==> flow/design.v <==
module sync_reg_bank #(
   parameter D = 16,
   parameter W = 2,
   parameter RPORTS = 4,
   parameter ADDR_WIDTH = $clog2(D)
) (
   input logic clk_i,
   input logic write,
   input logic [ADDR_WIDTH-1:0] wa,
   input logic [W-1:0] wd,
   input logic [RPORTS*ADDR_WIDTH-1:0] rd_idx,
   output logic [RPORTS*W-1:0] read_data
);
   logic r_write;
   logic [ADDR_WIDTH-1:0] r_wa;
   logic [W-1:0] r_wd;
   always_ff @(posedge clk_i) begin
      r_write <= write;
      r_wa <= wa;
      r_wd <= wd;
   end
   logic [W-1:0] array [0:D-1];
   always_ff @(posedge clk_i) begin
      if (r_write)
         array[r_wa] <= r_wd;
   end
   logic [RPORTS*ADDR_WIDTH-1:0] r_rd_idx;
   always_ff @(posedge clk_i)
      r_rd_idx <= rd_idx;
   logic [RPORTS*W-1:0] tmp;
   generate
      for (genvar gj = 0; gj < RPORTS; gj++) begin : each
         assign tmp[gj*W +: W] = array[r_rd_idx[gj*ADDR_WIDTH +: ADDR_WIDTH]];
      end
   endgenerate
   always_ff @(posedge clk_i)
      read_data <= tmp;
endmodule
== Step by step through the tools: sync_reg_bank ==
Tool output for the members of one design family, told apart by "W", in the order of the flow.
The RTL above is that of W=2; lines are counted from 1 in the file of the member named.
Operators carry their Yosys type and port widths (W data, S select, Z words).
Library cell names are shortened.
Not given: -
Inputs
  top module: sync_reg_bank
  clock input: clk_i
  cell library: sky130hd
  corner: tt_025C_1v80

== Members of the sweep ==
New or changed lines of each further member against the RTL above, in its own file; lines it lacks are not shown.
Lines new or changed
  W 4: line 3  | parameter W = 4,
  W 16: line 3  | parameter W = 16,
  W 24: line 3  | parameter W = 24,
  W 40: line 3  | parameter W = 40,

== Word-level counts ==
Source: Yosys, flattened and elaborated, memories not mapped. Widths are those after wreduce; folded enables and synchronous resets count as part of the registers. Registers that Yosys merges into a memory's read port (data or address) are not register bits. Print and check cells do not count. Equal cells are merged and count once.
Yosys's memory passes give these memory sizes; they may raise the number of words (mostly to a power of two), join words into wider ones and drop unused or constant bits.
Storage and ports
  W 2: bits in registers 23, elaborated cells 8, clocked read ports x word width 8, memories 1, memory bits (writable) 32
  W 4: bits in registers 25, elaborated cells 8, clocked read ports x word width 16, memories 1, memory bits (writable) 64
  W 16: bits in registers 37, elaborated cells 8, clocked read ports x word width 64, memories 1, memory bits (writable) 256
  W 24: bits in registers 45, elaborated cells 8, clocked read ports x word width 96, memories 1, memory bits (writable) 384
  W 40: bits in registers 61, elaborated cells 8, clocked read ports x word width 160, memories 1, memory bits (writable) 640
Cells by class (muxes and demuxes)
  W 2: 3
  W 4: 3
  W 16: 3
  W 24: 3
  W 40: 3
Memory list (shape (words x width / read and write ports))
  W 2: array 16x2 r4 w1
  W 4: array 16x4 r4 w1
  W 16: array 16x16 r4 w1
  W 24: array 16x24 r4 w1
  W 40: array 16x40 r4 w1
Operators with widths (kinds with counts)
  W 2: $mux W4: 1; $mux W2: 1; $mux W1: 1
  W 4: $mux W4: 2; $mux W1: 1
  W 16: $mux W16: 1; $mux W4: 1; $mux W1: 1
  W 24: $mux W24: 1; $mux W4: 1; $mux W1: 1
  W 40: $mux W40: 1; $mux W4: 1; $mux W1: 1

== Depth ==
Depth = most cells in a row (Yosys ltp): at word level without a register or memory, in the mapped netlist without a sequential cell, where the memories' decode and read muxes count.
Logic depth
  W 2: depth after elaboration 1, ABC_AREA 0, depth in mapped cells 4, gate-level depth less buffers 3
  W 4: depth after elaboration 1, ABC_AREA 0, depth in mapped cells 5, gate-level depth less buffers 3
  W 16: depth after elaboration 1, ABC_AREA 0, depth in mapped cells 5, gate-level depth less buffers 3
  W 24: depth after elaboration 1, ABC_AREA 0, depth in mapped cells 6, gate-level depth less buffers 3
  W 40: depth after elaboration 1, ABC_AREA 0, depth in mapped cells 6, gate-level depth less buffers 3

== Mapped cells and area ==
Source: synth_stat.txt of the flow (Yosys; design flattened, memories mapped). It holds for the ABC_AREA given above (unset counts as 0); a run with the other value may have another netlist.
Cells by type (type and count)
  W 2: edfxtp_1: 32; mux4_1: 24; dfxtp_1: 31; mux4_2: 8; nand3_1: 17; a22oi_1: 8; nor2_1: 16; nor2b_1: 8; buf_6: 4; nand2_1: 9; nor3_1: 4; clkbuf_1: 4; nand3b_1: 2; nand2b_1: 2; or3b_2: 1
  W 4: edfxtp_1: 64; mux4_1: 56; dfxtp_1: 41; mux4_2: 8; nand3_1: 33; a22oi_1: 16; buf_12: 4; nand2_1: 17; nor2_1: 16; nor2b_1: 8; buf_6: 4; buf_2: 4; nor3_1: 4; clkbuf_1: 4; nand3b_1: 2; nand2b_1: 2; or3b_2: 1
  W 16: edfxtp_1: 256; mux4_2: 212; dfxtp_1: 101; mux4_1: 39; a22oi_1: 128; nand2_1: 65; clkbuf_1: 34; mux4_4: 5; buf_6: 10; buf_12: 5; buf_4: 10; nor2_1: 16; nor2b_1: 8; buf_1: 13; buf_2: 9; buf_8: 3; and2_1: 4; nor3_1: 4; (+6)
  W 24: edfxtp_1: 384; mux4_2: 384; dfxtp_1: 141; a22oi_1: 192; nand2_1: 97; clkbuf_1: 72; buf_6: 20; buf_2: 40; nor2_1: 16; nor2b_1: 8; and2_1: 4; nor3_1: 4; nand3b_1: 2; nand2b_1: 2; or3b_2: 1; nand3_1: 1
  W 40: edfxtp_1: 640; mux4_2: 640; dfxtp_1: 221; a22oi_1: 320; nand2_1: 161; clkbuf_1: 102; buf_2: 50; buf_6: 22; buf_4: 22; buf_1: 16; nor2_1: 16; nor2b_1: 8; and2_1: 4; nor3_1: 4; nand3b_1: 2; nand2b_1: 2; or3b_2: 1; nand3_1: 1
A list marked (+n) leaves out that many cells.
Mapped netlist
  W 2: chip area (Yosys) 2797.7 um^2, flip-flops 63, area of sequential cells 1581.5 um^2, standard cells after synthesis 170
  W 4: chip area (Yosys) 5069.9 um^2, flip-flops 105, area of sequential cells 2742.6 um^2, standard cells after synthesis 284
  W 16: chip area (Yosys) 17589.4 um^2, flip-flops 357, area of sequential cells 9709.3 um^2, standard cells after synthesis 928
  W 24: chip area (Yosys) 25699.6 um^2, flip-flops 525, area of sequential cells 14353.8 um^2, standard cells after synthesis 1368
  W 40: chip area (Yosys) 42365.6 um^2, flip-flops 861, area of sequential cells 23642.7 um^2, standard cells after synthesis 2232

== Timing after synthesis ==
OpenSTA on the mapped netlist: ideal clock, no wires. The path of least setup slack (recovery checks aside). Input and output delay are each 20% of the period. Register names are those of the netlist, which keeps one name where synthesis merged equal registers.
Timing after synthesis
  W 2: path type reg-to-reg, from register r_write, to memory array[0][0], path delay 1.357 ns, stages 3, path slack 0.343 ns, clock period 1.7 ns, period reached after synthesis 1.357 ns
  W 4: path type reg-to-reg, from register r_write, to memory array[0][0], path delay 1.524 ns, stages 3, path slack 0.385 ns, clock period 1.91 ns, period reached after synthesis 1.525 ns
  W 16: path type reg-to-reg, from register r_write, to memory array[0][0], path delay 2.378 ns, stages 3, path slack 0.592 ns, clock period 2.97 ns, period reached after synthesis 2.378 ns
  W 24: path type reg-to-reg, from register r_write, to memory array[0][0], path delay 2.940 ns, stages 3, path slack 0.730 ns, clock period 3.67 ns, period reached after synthesis 2.94 ns
  W 40: path type reg-to-reg, from register r_write, to memory array[0][0], path delay 4.065 ns, stages 3, path slack 1.015 ns, clock period 5.08 ns, period reached after synthesis 4.065 ns
"path delay" is the arrival time less input delay plus setup time.
"stages" counts driving pins, that of a launching flip-flop among them; a cell with two outputs on the path counts twice.
"period reached after synthesis" is the clock period less the worst setup slack; recovery checks do not enter. This is arithmetic on one report: input and output delays are still those of the set period (20% each).
Between the ends stands the longest chain of elaborated cells between them, by number of cells; it is not shown to be the way that was timed. Of several equally long chains one is given.
Each line given opens the expression or statement behind the cell; cells for indexed reads and writes are added by Yosys, which also makes memories of some case tables.
W=2: Only ways into the end's enable, where the timed path ends, are counted here.
Between the ends, after synthesis, W=2
  length of the longest elaborated chain: 1
Ends and longest elaborated chain, after synthesis, W=2
  from (decl): line 14  | logic r_write;
  from (assign): line 18  | r_write <= write;
  $mux W4: line 24  | if (r_write)
  to (decl): line 22  | logic [W-1:0] array [0:D-1];
W=40: Only ways into the end's enable, where the timed path ends, are counted here.
Between the ends, after synthesis, W=40
  length of the longest elaborated chain: 1
Ends and longest elaborated chain, after synthesis, W=40
  from (decl): line 14  | logic r_write;
  from (assign): line 18  | r_write <= write;
  $mux W4: line 24  | if (r_write)
  to (decl): line 22  | logic [W-1:0] array [0:D-1];

== Worst path after layout ==
Path of least setup slack in the final report of the run of each member (OpenROAD, finished layout, wires in). Where an end is a register, its clock arrival counts in the times.
Timing after layout
  W 2: path type reg-to-output, from register read_data[6], to output read_data[6], path slack 0.15 ns, arrival time 1.21 ns, buffers on the path 1, stages 2, clock period 1.7 ns
  W 4: path type reg-to-reg, from register r_rd_idx[8], to register read_data[10], path slack 0.15 ns, arrival time 2.00 ns, buffers on the path 1, stages 5, clock period 1.91 ns
  W 16: path type reg-to-output, from register read_data[30], to output read_data[30], path slack 0.79 ns, arrival time 1.59 ns, buffers on the path 1, stages 2, clock period 2.97 ns
  W 24: path type reg-to-reg, from register r_rd_idx[12], to register read_data[81], path slack 1.32 ns, arrival time 2.87 ns, buffers on the path 1, stages 5, clock period 3.67 ns
  W 40: path type reg-to-output, from register read_data[19], to output read_data[19], path slack 2.34 ns, arrival time 1.72 ns, buffers on the path 1, stages 2, clock period 5.08 ns

== Layout results ==
One run of the flow (Yosys, OpenROAD) for each member, with settings and measured results. Input and output delays are each 20% of the period that was set; the output load is 0.01 pF.
Settings
  CAP_MARGIN: 20
  CORE_MARGIN: 2
  CORE_UTILIZATION: 40
  SLEW_MARGIN: 20
Settings that differ (period_ns)
  W 2: 1.7
  W 4: 1.91
  W 16: 2.97
  W 24: 3.67
  W 40: 5.08
Final reports
  W 2: worst setup slack after layout 0.153 ns, lowest hold slack 0.416 ns, total power after layout 3.525 mW, final design utilization 50.8%, period reached 1.547 ns, overall die area 7679.0 um^2, post-route setup TNS 0.000 ns, Yosys chip area after synthesis 2797.7 um^2, standard-cell area after routing 3450.8 um^2
  W 4: worst setup slack after layout 0.151 ns, lowest hold slack 0.468 ns, total power after layout 4.834 mW, final design utilization 47.6%, period reached 1.759 ns, overall die area 13590.9 um^2, post-route setup TNS 0.000 ns, Yosys chip area after synthesis 5069.9 um^2, standard-cell area after routing 5955.7 um^2
  W 16: worst setup slack after layout 0.785 ns, lowest hold slack 0.459 ns, total power after layout 12.197 mW, final design utilization 48.0%, period reached 2.185 ns, overall die area 45667.7 um^2, post-route setup TNS 0.000 ns, Yosys chip area after synthesis 17589.4 um^2, standard-cell area after routing 20774.9 um^2
  W 24: worst setup slack after layout 1.319 ns, lowest hold slack 0.535 ns, total power after layout 14.339 mW, final design utilization 47.9%, period reached 2.351 ns, overall die area 66293.4 um^2, post-route setup TNS 0.000 ns, Yosys chip area after synthesis 25699.6 um^2, standard-cell area after routing 30322.8 um^2
  W 40: worst setup slack after layout 2.340 ns, lowest hold slack 0.676 ns, total power after layout 17.203 mW, final design utilization 47.0%, period reached 2.740 ns, overall die area 108534.0 um^2, post-route setup TNS 0.000 ns, Yosys chip area after synthesis 42365.6 um^2, standard-cell area after routing 49428.7 um^2
"period reached": clock period set for the run, less the worst setup slack. It is reckoned from that one timing run; input and output delays stay at 20% of the period that was set.
By "total power after layout" is meant OpenSTA's value without simulated activity: inputs other than the clock are taken to toggle once in ten clock periods, and the tool carries that through the logic.
